==> flow/design.v <==
module mul_rtl #(
   parameter XLEN = 5
) (
   input wire aclk,
   input wire aresetn,
   input wire [XLEN-1:0] lhs,
   input wire [XLEN-1:0] rhs,
   input wire load,
   output wire [2*XLEN-1:0] mul,
   output wire fin
);
   localparam SEL_W = $clog2(XLEN + 1);
   reg [XLEN-1:0] mcand;
   reg [SEL_W-1:0] steps;
   reg [2*XLEN-1:0] run_sum;
   wire [XLEN:0] t = run_sum[2*XLEN-1:XLEN] + (run_sum[0] ? mcand : {XLEN{1'b0}});
   assign mul = run_sum;
   assign fin = (steps == 0);
   always @(posedge aclk or negedge aresetn) begin
      if (~aresetn) begin
         mcand <= 0;
         steps <= 0;
         run_sum <= 0;
      end else begin
         mcand <= load ? lhs : mcand;
         steps <= load ? XLEN : (steps != 0) ? steps - 1'b1 : steps;
         run_sum <= load ? {{XLEN{1'b0}}, rhs} : (steps != 0) ? {t, run_sum[XLEN-1:1]} : run_sum;
      end
   end
endmodule
Hand-over note for mul_rtl

==> Reports on mul_rtl <==
A sweep over "XLEN": the same steps for each member of the family.
The RTL above is that of XLEN = 5; lines are counted from 1 in the file of the member named.
Cell names lack the library's common part.
{ "inputs": {"top_module": "mul_rtl", "clock": "aclk", "lib": "sky130hd", "corner": "tt_025C_1v80"} }

==> Source of the members <==
New or changed lines of each further member against the RTL above, in its own file; lines it lacks are not shown.
{ "src_changes": {"columns": ["XLEN", "line_no", "rtl"], "rows": [
  [14, 2, "parameter XLEN = 14"],
  [16, 2, "parameter XLEN = 16"],
  [24, 2, "parameter XLEN = 24"],
  [64, 2, "parameter XLEN = 64"]
]} }

==> Word level <==
Yosys after proc, flatten, opt, wreduce and memory -nomap, before mapping. Memory bits, and registers merged into a memory's read port (data or address), are not among the register bits. Print and check cells are not counted. Equal cells are merged and count once.
{ "bits": {"columns": ["XLEN", "register_bits", "input_bits", "word_cells"], "rows": [
  [5, 18, 13, 13],
  [14, 46, 31, 13],
  [16, 53, 35, 13],
  [24, 77, 51, 13],
  [64, 199, 131, 13]
]} }
{ "classes": {"columns": ["XLEN", "add_sub_neg", "n_mux", "reduce_logical"], "rows": [
  [5, 2, 5, 3],
  [14, 2, 5, 3],
  [16, 2, 5, 3],
  [24, 2, 5, 3],
  [64, 2, 5, 3]
]} }
{ "op_table": {"columns": ["XLEN", "operators"], "rows": [
  [5, "10-bit two-way mux (2); 5-bit by 5-bit adder with 6-bit output (1); 3-bit two-way mux (2); 5-bit two-way mux (1); 3-bit by 1-bit subtractor with 3-bit output with constant B (1); 3-bit zero test (1); 3-bit nonzero test (1); 2-bit nonzero test (1)"],
  [14, "28-bit two-way mux (2); 14-bit by 14-bit adder with 15-bit output (1); 14-bit two-way mux (1); 4-bit two-way mux (2); 4-bit by 1-bit subtractor with 4-bit output with constant B (1); 4-bit zero test (1); 4-bit nonzero test (1); 2-bit nonzero test (1)"],
  [16, "32-bit two-way mux (2); 16-bit by 16-bit adder with 17-bit output (1); 16-bit two-way mux (1); 5-bit two-way mux (2); 5-bit by 1-bit subtractor with 5-bit output with constant B (1); 5-bit zero test (1); 5-bit nonzero test (1); 2-bit nonzero test (1)"],
  [24, "48-bit two-way mux (2); 24-bit by 24-bit adder with 25-bit output (1); 24-bit two-way mux (1); 5-bit two-way mux (2); 5-bit by 1-bit subtractor with 5-bit output with constant B (1); 5-bit zero test (1); 5-bit nonzero test (1); 2-bit nonzero test (1)"],
  [64, "128-bit two-way mux (2); 64-bit by 64-bit adder with 65-bit output (1); 64-bit two-way mux (1); 7-bit two-way mux (2); 7-bit by 1-bit subtractor with 7-bit output with constant B (1); 7-bit zero test (1); 7-bit nonzero test (1); 2-bit nonzero test (1)"]
]} }

==> Depth <==
Depth = most cells in a row (Yosys ltp): at word level without a register or memory, in the mapped netlist without a sequential cell, where the memories' decode and read muxes count.
{ "logic_depth": {"columns": ["XLEN", "word_depth", "ABC_AREA", "mapped_depth"], "rows": [
  [5, 4, 0, 8],
  [14, 4, 0, 10],
  [16, 4, 0, 11],
  [24, 4, 0, 12],
  [64, 4, 0, 15]
]} }

==> After synthesis <==
Source: synth_stat.txt of the flow (Yosys; design flattened, memories mapped). It holds for the ABC_AREA given above (unset counts as 0); a run with the other value may have another netlist.
Totals and module areas in this step are rounded.
{ "mapped": {"columns": ["XLEN", "stdcells", "mapped_area_um2", "ffs", "n_buf"], "rows": [
  [5, 92, 1000, 18, 5],
  [14, 268, 2700, 46, 14],
  [16, 316, 3100, 53, 16],
  [24, 458, 4500, 77, 24],
  [64, 1363, 12000, 199, 93]
]} }
{ "types": {"columns": ["XLEN", "cell_types"], "rows": [
  [5, "dfrtp_1 (18); ha_1 (7); mux2_2 (5); mux2i_1 (5); nand2_1 (9); and2_1 (5); a21oi_1 (5); o211ai_2 (2); o21ai_0 (5); a2111o_1 (2); nand3b_1 (3); buf_12 (1); fa_1 (1); xnor2_1 (2); a211oi_1 (2); a21o_1 (2); buf_8 (1); nand2b_4 (1); (+16)"],
  [14, "dfrtp_1 (46); ha_1 (15); mux2_2 (14); mux2i_1 (14); o21ai_0 (23); nand2_1 (29); and2_1 (15); a21oi_1 (14); a21o_1 (7); nor2_1 (12); xnor2_1 (5); nand3b_1 (5); a211o_1 (4); or3_1 (5); a211oi_1 (4); clkbuf_1 (8); nor3_1 (6); xor2_1 (3); (+39)"],
  [16, "dfrtp_1 (53); ha_1 (18); mux2_2 (16); mux2i_1 (17); o21ai_0 (28); nand2_1 (36); a21oi_1 (21); and2_1 (16); nor2_1 (14); clkbuf_1 (12); xnor2_1 (5); nand3_1 (7); o31a_1 (4); a211oi_1 (4); a21o_1 (4); nor3_1 (6); o21a_1 (4); inv_1 (7); (+44)"],
  [24, "dfrtp_1 (77); ha_1 (26); mux2_2 (24); mux2i_1 (24); nand2_1 (62); a21oi_1 (34); and2_1 (24); o21ai_0 (30); xnor2_1 (12); nor2_1 (21); xor2_1 (9); a21o_1 (10); a211oi_1 (8); clkbuf_1 (14); a22o_1 (4); nand2b_1 (5); inv_1 (8); nand3_1 (5); (+61)"],
  [64, "dfrtp_1 (199); ha_1 (66); nand2_1 (205); mux2_2 (64); a21oi_1 (132); mux2i_1 (65); o21ai_0 (95); and2_1 (65); xnor2_1 (40); clkbuf_1 (55); nor2_1 (53); a21o_1 (25); o21bai_1 (22); xor2_1 (18); nand4_1 (21); buf_2 (24); inv_1 (28); nand3b_1 (14); (+172)"]
]} }
A list marked (+n) leaves out that many cells.

==> Timing after synthesis <==
OpenSTA on the mapped netlist: ideal clock, no wires. The path of least setup slack (recovery checks aside). Input and output delay are each 20% of the period. Register names are those of the netlist, which keeps one name where synthesis merged equal registers.
{ "synth_timing": {"columns": ["XLEN", "kind", "from", "to", "period_ps", "slack_ps", "path_stages", "path_delay_ps", "period_less_setup_slack_ps"], "rows": [
  [5, "register -> register", "register run_sum[0]", "register run_sum[8]", 2360, 469, 7, 1891, 1891],
  [14, "register -> register", "register run_sum[0]", "register run_sum[25]", 3220, 643, 11, 2577, 2577],
  [16, "register -> register", "register run_sum[0]", "register run_sum[25]", 3210, 642, 12, 2568, 2568],
  [24, "register -> register", "register run_sum[0]", "register run_sum[45]", 3380, 673, 12, 2707, 2707],
  [64, "register -> register", "register run_sum[0]", "register run_sum[121]", 4000, 803, 16, 3197, 3197]
]} }
"path_delay_ps" is the arrival time less input delay plus setup time.
"path_stages" counts driving pins, that of a launching flip-flop among them; a cell with two outputs on the path counts twice.
"period_less_setup_slack_ps" is the clock period less the worst setup slack; recovery checks do not enter. This is arithmetic on one report: input and output delays are still those of the set period (20% each).
The rows between start and end are the longest chain of elaborated cells between them; the timing report does not say that the signal goes this way. Where chains are equally long, one stands for them.
A line is the first line of the expression or statement that the cell stems from. Yosys adds cells for indexed reads and writes and turns some case tables into memories.
{ "synth_between_XLEN_5": {"elab_chain_cells": 4} }
{ "synth_rtl_XLEN_5": {"columns": ["element", "line_no", "rtl"], "rows": [
  ["from (decl)", 15, "reg [2*XLEN-1:0] run_sum;"],
  ["from (assign)", 23, "run_sum <= 0;"],
  ["from (assign)", 27, "run_sum <= load ? {{XLEN{1'b0}}, rhs} : (steps != 0) ? {t, run_sum[XLEN-1:1]} : run_sum;"],
  ["5-bit two-way mux", 16, "wire [XLEN:0] t = run_sum[2*XLEN-1:XLEN] + (run_sum[0] ? mcand : {XLEN{1'b0}});"],
  ["5-bit by 5-bit adder with 6-bit output", 16, null],
  ["10-bit two-way mux (2 in a row)", 27, null],
  ["to (assign)", 23, null],
  ["to (assign)", 27, null],
  ["to (decl)", 15, null]
]} }
{ "synth_between_XLEN_64": {"elab_chain_cells": 4} }
{ "synth_rtl_XLEN_64": {"columns": ["element", "line_no", "rtl"], "rows": [
  ["from (decl)", 15, "reg [2*XLEN-1:0] run_sum;"],
  ["from (assign)", 23, "run_sum <= 0;"],
  ["from (assign)", 27, "run_sum <= load ? {{XLEN{1'b0}}, rhs} : (steps != 0) ? {t, run_sum[XLEN-1:1]} : run_sum;"],
  ["64-bit two-way mux", 16, "wire [XLEN:0] t = run_sum[2*XLEN-1:XLEN] + (run_sum[0] ? mcand : {XLEN{1'b0}});"],
  ["64-bit by 64-bit adder with 65-bit output", 16, null],
  ["128-bit two-way mux (2 in a row)", 27, null],
  ["to (assign)", 23, null],
  ["to (assign)", 27, null],
  ["to (decl)", 15, null]
]} }

==> Path in the finished layout <==
From the final timing report of each member's run: the path of least setup slack in the routed layout; clock arrival at registers is part of the times.
The path's times are printed in steps of 10 ps; the period is the one set.
{ "layout_timing": {"columns": ["XLEN", "kind", "from", "to", "period_ps", "slack_ps", "path_stages", "arrival_ps", "n_path_buf"], "rows": [
  [5, "register -> output", "register steps[0]", "output fin", 2360, 80, 6, 1800, 1],
  [14, "register -> register", "register run_sum[0]", "register run_sum[25]", 3220, 380, 10, 3020, 0],
  [16, "register -> output", "register steps[0]", "output fin", 3210, 490, 6, 2080, 1],
  [24, "register -> register", "register run_sum[0]", "register run_sum[45]", 3380, 330, 13, 3270, 0],
  [64, "register -> register", "register run_sum[0]", "register run_sum[126]", 4000, 400, 13, 3940, 0]
]} }

==> Flow runs <==
One run of the flow (Yosys, OpenROAD) for each member, with settings and measured results. Input and output delays are each 20% of the period that was set; the output load is 0.01 pF.
{ "settings": {"CAP_MARGIN": 20, "CORE_MARGIN": 2, "CORE_UTILIZATION": 40, "SLEW_MARGIN": 20} }
{ "settings_diff": {"columns": ["XLEN", "period_ns"], "rows": [
  [5, 2.36],
  [14, 3.22],
  [16, 3.21],
  [24, 3.38],
  [64, 4.0]
]} }
{ "measured": {"columns": ["XLEN", "synthesis_area_um2", "total_die_area_um2", "final_cell_area_um2", "layout_utilization_pct", "ws_setup_ps", "setupTns_ps", "design_power_mw", "achieved_period_ps"], "rows": [
  [5, 1000, 3000, 1300, 54, 85, 0, 0.82, 2275],
  [14, 2700, 7400, 3400, 53, 380, 0, 1.6, 2837],
  [16, 3100, 8500, 4000, 52, 490, 0, 2.6, 2723],
  [24, 4500, 12000, 6000, 54, 330, 0, 3.1, 3048],
  [64, 12000, 33000, 16000, 52, 400, 0, 8.1, 3596]
]} }
"achieved_period_ps" = clock period - worst setup slack. The figure is calculated, with input and output delays left at 20% of the set period.
"design_power_mw": no workload was simulated; the value follows from the tool's default switching activity.
The results are shown rounded.

End of note.
